==> flow/design.v <==
module cpu_mux_stage #(
    parameter NBITS = 2,
    parameter COUNT = 16,
    parameter LOGN = $clog2(COUNT)
) (
    input logic ck,
    input logic [COUNT*NBITS-1:0] ch,
    input logic [LOGN-1:0] sel,
    output logic [NBITS-1:0] o
);
    logic [COUNT*NBITS-1:0] ch_r;
    always_ff @(posedge ck) begin
        ch_r <= ch;
    end
    logic [LOGN-1:0] sel_r;
    always_ff @(posedge ck) begin
        sel_r <= sel;
    end
    logic [COUNT*NBITS-1:0] cur;
    assign cur = ch_r >> (sel_r * NBITS);
    always_ff @(posedge ck) begin
        o <= cur[NBITS-1:0];
    end
endmodule
==> Step by step through the tools: cpu_mux_stage <==
What the tools print for cpu_mux_stage, step after step.
Line numbers count from 1 in the design file above.
Operators: Yosys type, input widths -> output width; for muxes data width and select width s.
Cell names lack the library's common part.
{ "setup": {"top_module": "cpu_mux_stage", "clock": "ck", "lib": "sky130hd", "pvt_corner": "tt_025C_1v80"} }

==> Elaborated design <==
Yosys after proc, flatten, opt, wreduce and memory -nomap, before mapping. Enables and synchronous resets that opt folds into registers are not counted as muxes. Memory bits, and registers merged into a memory's read port (data or address), are not among the register bits. Print and check cells are not counted. Equal cells are merged and count once.
{ "bits": {"regBits": 38, "inputBits": 37} }
{ "classes": {"n_shift": 1} }
{ "op_table": {"columns": ["op", "n"], "rows": [
  ["$shr 32x5->2", 1]
]} }

==> Logic depth <==
Longest topological path by Yosys (ltp), each cell counted once; first at word level (registers and memories cut), then after technology mapping (sequential cells cut; the memories' decode and read muxes count).
{ "depth": {"depth_word": 1, "abc_area": 0, "depth_mapped": 4} }

==> Mapped cells and area <==
Source: synth_stat.txt of the flow (Yosys; design flattened, memories mapped). It holds for the ABC_AREA given above (unset counts as 0); a run with the other value may have another netlist.
{ "by_type": {"columns": ["type", "n"], "rows": [
  ["dfxtp_1", 38],
  ["mux4_1", 4],
  ["mux4_2", 4],
  ["nand3_1", 4],
  ["a22oi_1", 2],
  ["nor2b_1", 2],
  ["buf_6", 1],
  ["nand2_1", 2],
  ["clkbuf_1", 1],
  ["nor2_1", 1]
]} }
{ "synth_totals": {"synth_area_um2": 1029.7, "flip_flops": 38, "stdcells": 59, "buf_cells": 2} }

==> Worst setup path after synthesis <==
Path of least setup slack by OpenSTA after synthesis, without wires, with an ideal clock, recovery checks aside; 20% of the period is set as input and as output delay. Where synthesis merged equal registers, the netlist keeps one of their names.
{ "synth_timing": {"kind": "register -> register", "from": "register sel_r[0]", "to": "register o[1]", "setup_ns": 0.123, "setup_slack_ns": 0.332, "path_delay_ns": 1.308, "required_ns": 1.517, "clock_period_ns": 1.64, "arrival_time_ns": 1.185, "n_path_buf": 1, "path_stages": 5, "synth_period_reached_ns": 1.308} }
"path_delay_ns" is the arrival time less input delay plus setup time.
"path_stages": output pins that drive a net of the path, with the launching flip-flop's if there is one; two outputs of one cell count as two.
"synth_period_reached_ns" = period - worst setup slack (recovery checks aside). The figure is calculated, with input and output delays left at 20% of the set period.
The rows between start and end are the longest chain of elaborated cells between them; the timing report does not say that the signal goes this way. Where chains are equally long, one stands for them.
Each line given opens the expression or statement behind the cell; cells for indexed reads and writes are added by Yosys, which also makes memories of some case tables.
{ "synth_between": {"path_cell_list": "dfxtp_1 > buf_6 > mux4_2 > a22oi_1 > nand3_1", "elab_chain_len": 1, "cone_cells": 1, "cone_lines": 1, "cone_classes": "shift: 1"} }
{ "synth_lines": {"columns": ["element", "line_no", "source"], "rows": [
  ["start: declaration", 15, "logic [LOGN-1:0] sel_r;"],
  ["start: assignment", 17, "sel_r <= sel;"],
  ["$shr 32x5->2", 20, "assign cur = ch_r >> (sel_r * NBITS);"],
  ["end: assignment", 22, "o <= cur[NBITS-1:0];"],
  ["end: declaration", 9, "output logic [NBITS-1:0] o"]
]} }

==> Worst path after layout <==
From the final timing report of stored run 1: the path of least setup slack in the routed layout; clock arrival at registers is part of the times.
{ "layout_timing": {"kind": "register -> output", "from": "register o[0]", "to": "output port o[0]", "required_ns": 2.02, "setup_slack_ns": 0.86, "arrival_time_ns": 1.17, "clock_period_ns": 2.53, "output_delay_ns": 0.51, "path_stages": 2, "n_path_buf": 1} }
{ "layout_between": {"path_cell_list": "dfxtp_1 > clkdlybuf4s50_1", "elab_chain_len": 0, "cone_cells": 0, "cone_lines": 0} }
{ "layout_lines": {"columns": ["element", "line_no", "source"], "rows": [
  ["start: declaration", 9, "output logic [NBITS-1:0] o"],
  ["start: assignment", 22, "o <= cur[NBITS-1:0];"],
  ["end: declaration", 9, null]
]} }

Data sheet: physical implementation of cpu_mux_stage

Stored flow runs of cpu_mux_stage (3 of them; Yosys, OpenROAD, sky130hd). They differ in their settings and are not a sequence. Constraints: input delay and output delay 20% of the set period each, output load 0.01 pF.
By "clock_period_reached_ns" is meant the clock period of the run minus its worst setup slack. This is arithmetic on one report: input and output delays are still those of the set period (20% each).
"worstPathTime_ns" means the part of the period allowed to the worst setup path (the constraints hold back 20% at inputs and 20% at outputs) less its slack; where the path has registers, the arrival times of their clocks count too.
By "power_total_uw" is meant OpenSTA's value without simulated activity: inputs other than the clock are taken to toggle once in ten clock periods, and the tool carries that through the logic.

Stored run 1
==> flow/run.sh <==
#!/bin/bash
# the make line also repeats the synthesis and layout settings of config.mk as NAME=value (left out here)
make -C /OpenROAD-flow-scripts/flow DESIGN_CONFIG=/design/flow/config.mk WORK_HOME=/design/flow/orfs CLKGATE_MAP_FILE= finish
==> flow/config.mk <==
export PLATFORM = sky130hd
export DESIGN_NAME = cpu_mux_stage
export DESIGN_NICKNAME = cpu_mux_stage
export VERILOG_FILES = /design/flow/design.v
export SDC_FILE = /design/flow/constraint.sdc
export NUM_CORES = 4
export LEC_CHECK = 0
export CAP_MARGIN = 20
export CELL_PAD_IN_SITES_GLOBAL_PLACEMENT = 2
export CORE_MARGIN = 6
export CORE_UTILIZATION = 28
export GPL_TIMING_DRIVEN = 0
export PLACE_DENSITY_LB_ADDON = 0.2
export SETUP_SLACK_MARGIN = 0.66
export SLEW_MARGIN = 25
export TNS_END_PERCENT = 65
==> flow/constraint.sdc <==
create_clock -name core_clock -period 2.53 [get_ports {ck}]
set_input_delay 0.5060 -clock core_clock [delete_from_list [all_inputs] [get_ports {ck}]]
set_output_delay 0.5060 -clock core_clock [all_outputs]
set_load 0.01 [all_outputs]

==> results of stored run 1, as JSON <==
{
  "synth_area_um2": 1029.7,
  "design.die.area_um2": 5277.3,
  "finalCellArea_um2": 1512.7,
  "layout_utilization_pct": 44.3,
  "ws_setup_ns": 0.859,
  "final_setup_tns_ns": 0.000,
  "hold_worst_slack_ns": 0.528,
  "power_total_uw": 1015,
  "clock_period_reached_ns": 1.671,
  "worstPathTime_ns": 1.17,
  "timing.worst_path_kind": "register -> output"
}

Stored run 2
==> flow/run.sh <==
#!/bin/bash
# the make line also repeats the synthesis and layout settings of config.mk as NAME=value (left out here)
make -C /OpenROAD-flow-scripts/flow DESIGN_CONFIG=/design/flow/config.mk WORK_HOME=/design/flow/orfs CLKGATE_MAP_FILE= finish
==> flow/config.mk <==
export PLATFORM = sky130hd
export DESIGN_NAME = cpu_mux_stage
export DESIGN_NICKNAME = cpu_mux_stage
export VERILOG_FILES = /design/flow/design.v
export SDC_FILE = /design/flow/constraint.sdc
export NUM_CORES = 4
export LEC_CHECK = 0
export ABC_AREA = 0
export CAP_MARGIN = 20
export CELL_PAD_IN_SITES_DETAIL_PLACEMENT = 1
export CELL_PAD_IN_SITES_GLOBAL_PLACEMENT = 2
export CORE_MARGIN = 2
export CORE_UTILIZATION = 28
export PLACE_DENSITY_LB_ADDON = 0.26
export SLEW_MARGIN = 25
==> flow/constraint.sdc <==
create_clock -name core_clock -period 1.39 [get_ports {ck}]
set_input_delay 0.2780 -clock core_clock [delete_from_list [all_inputs] [get_ports {ck}]]
set_output_delay 0.2780 -clock core_clock [all_outputs]
set_load 0.01 [all_outputs]

==> results of stored run 2, as JSON <==
{
  "synth_area_um2": 1029.7,
  "design.die.area_um2": 4179.0,
  "finalCellArea_um2": 1576.5,
  "layout_utilization_pct": 43.7,
  "ws_setup_ns": 0.043,
  "final_setup_tns_ns": 0.000,
  "hold_worst_slack_ns": 0.435,
  "power_total_uw": 2094,
  "clock_period_reached_ns": 1.347,
  "worstPathTime_ns": 1.35,
  "timing.worst_path_kind": "register -> register"
}

Stored run 3
==> flow/run.sh <==
#!/bin/bash
# the make line also repeats the synthesis and layout settings of config.mk as NAME=value (left out here)
make -C /OpenROAD-flow-scripts/flow DESIGN_CONFIG=/design/flow/config.mk WORK_HOME=/design/flow/orfs CLKGATE_MAP_FILE= finish
==> flow/config.mk <==
export PLATFORM = sky130hd
export DESIGN_NAME = cpu_mux_stage
export DESIGN_NICKNAME = cpu_mux_stage
export VERILOG_FILES = /design/flow/design.v
export SDC_FILE = /design/flow/constraint.sdc
export NUM_CORES = 4
export LEC_CHECK = 0
export CAP_MARGIN = 20
export CORE_MARGIN = 2
export CORE_UTILIZATION = 40
export SLEW_MARGIN = 20
==> flow/constraint.sdc <==
create_clock -name core_clock -period 1.64 [get_ports {ck}]
set_input_delay 0.3280 -clock core_clock [delete_from_list [all_inputs] [get_ports {ck}]]
set_output_delay 0.3280 -clock core_clock [all_outputs]
set_load 0.01 [all_outputs]

==> results of stored run 3, as JSON <==
{
  "synth_area_um2": 1029.7,
  "design.die.area_um2": 2995.9,
  "finalCellArea_um2": 1491.4,
  "layout_utilization_pct": 60.8,
  "ws_setup_ns": 0.133,
  "final_setup_tns_ns": 0.000,
  "hold_worst_slack_ns": 0.426,
  "power_total_uw": 1604,
  "clock_period_reached_ns": 1.507,
  "worstPathTime_ns": 1.18,
  "timing.worst_path_kind": "register -> output"
}
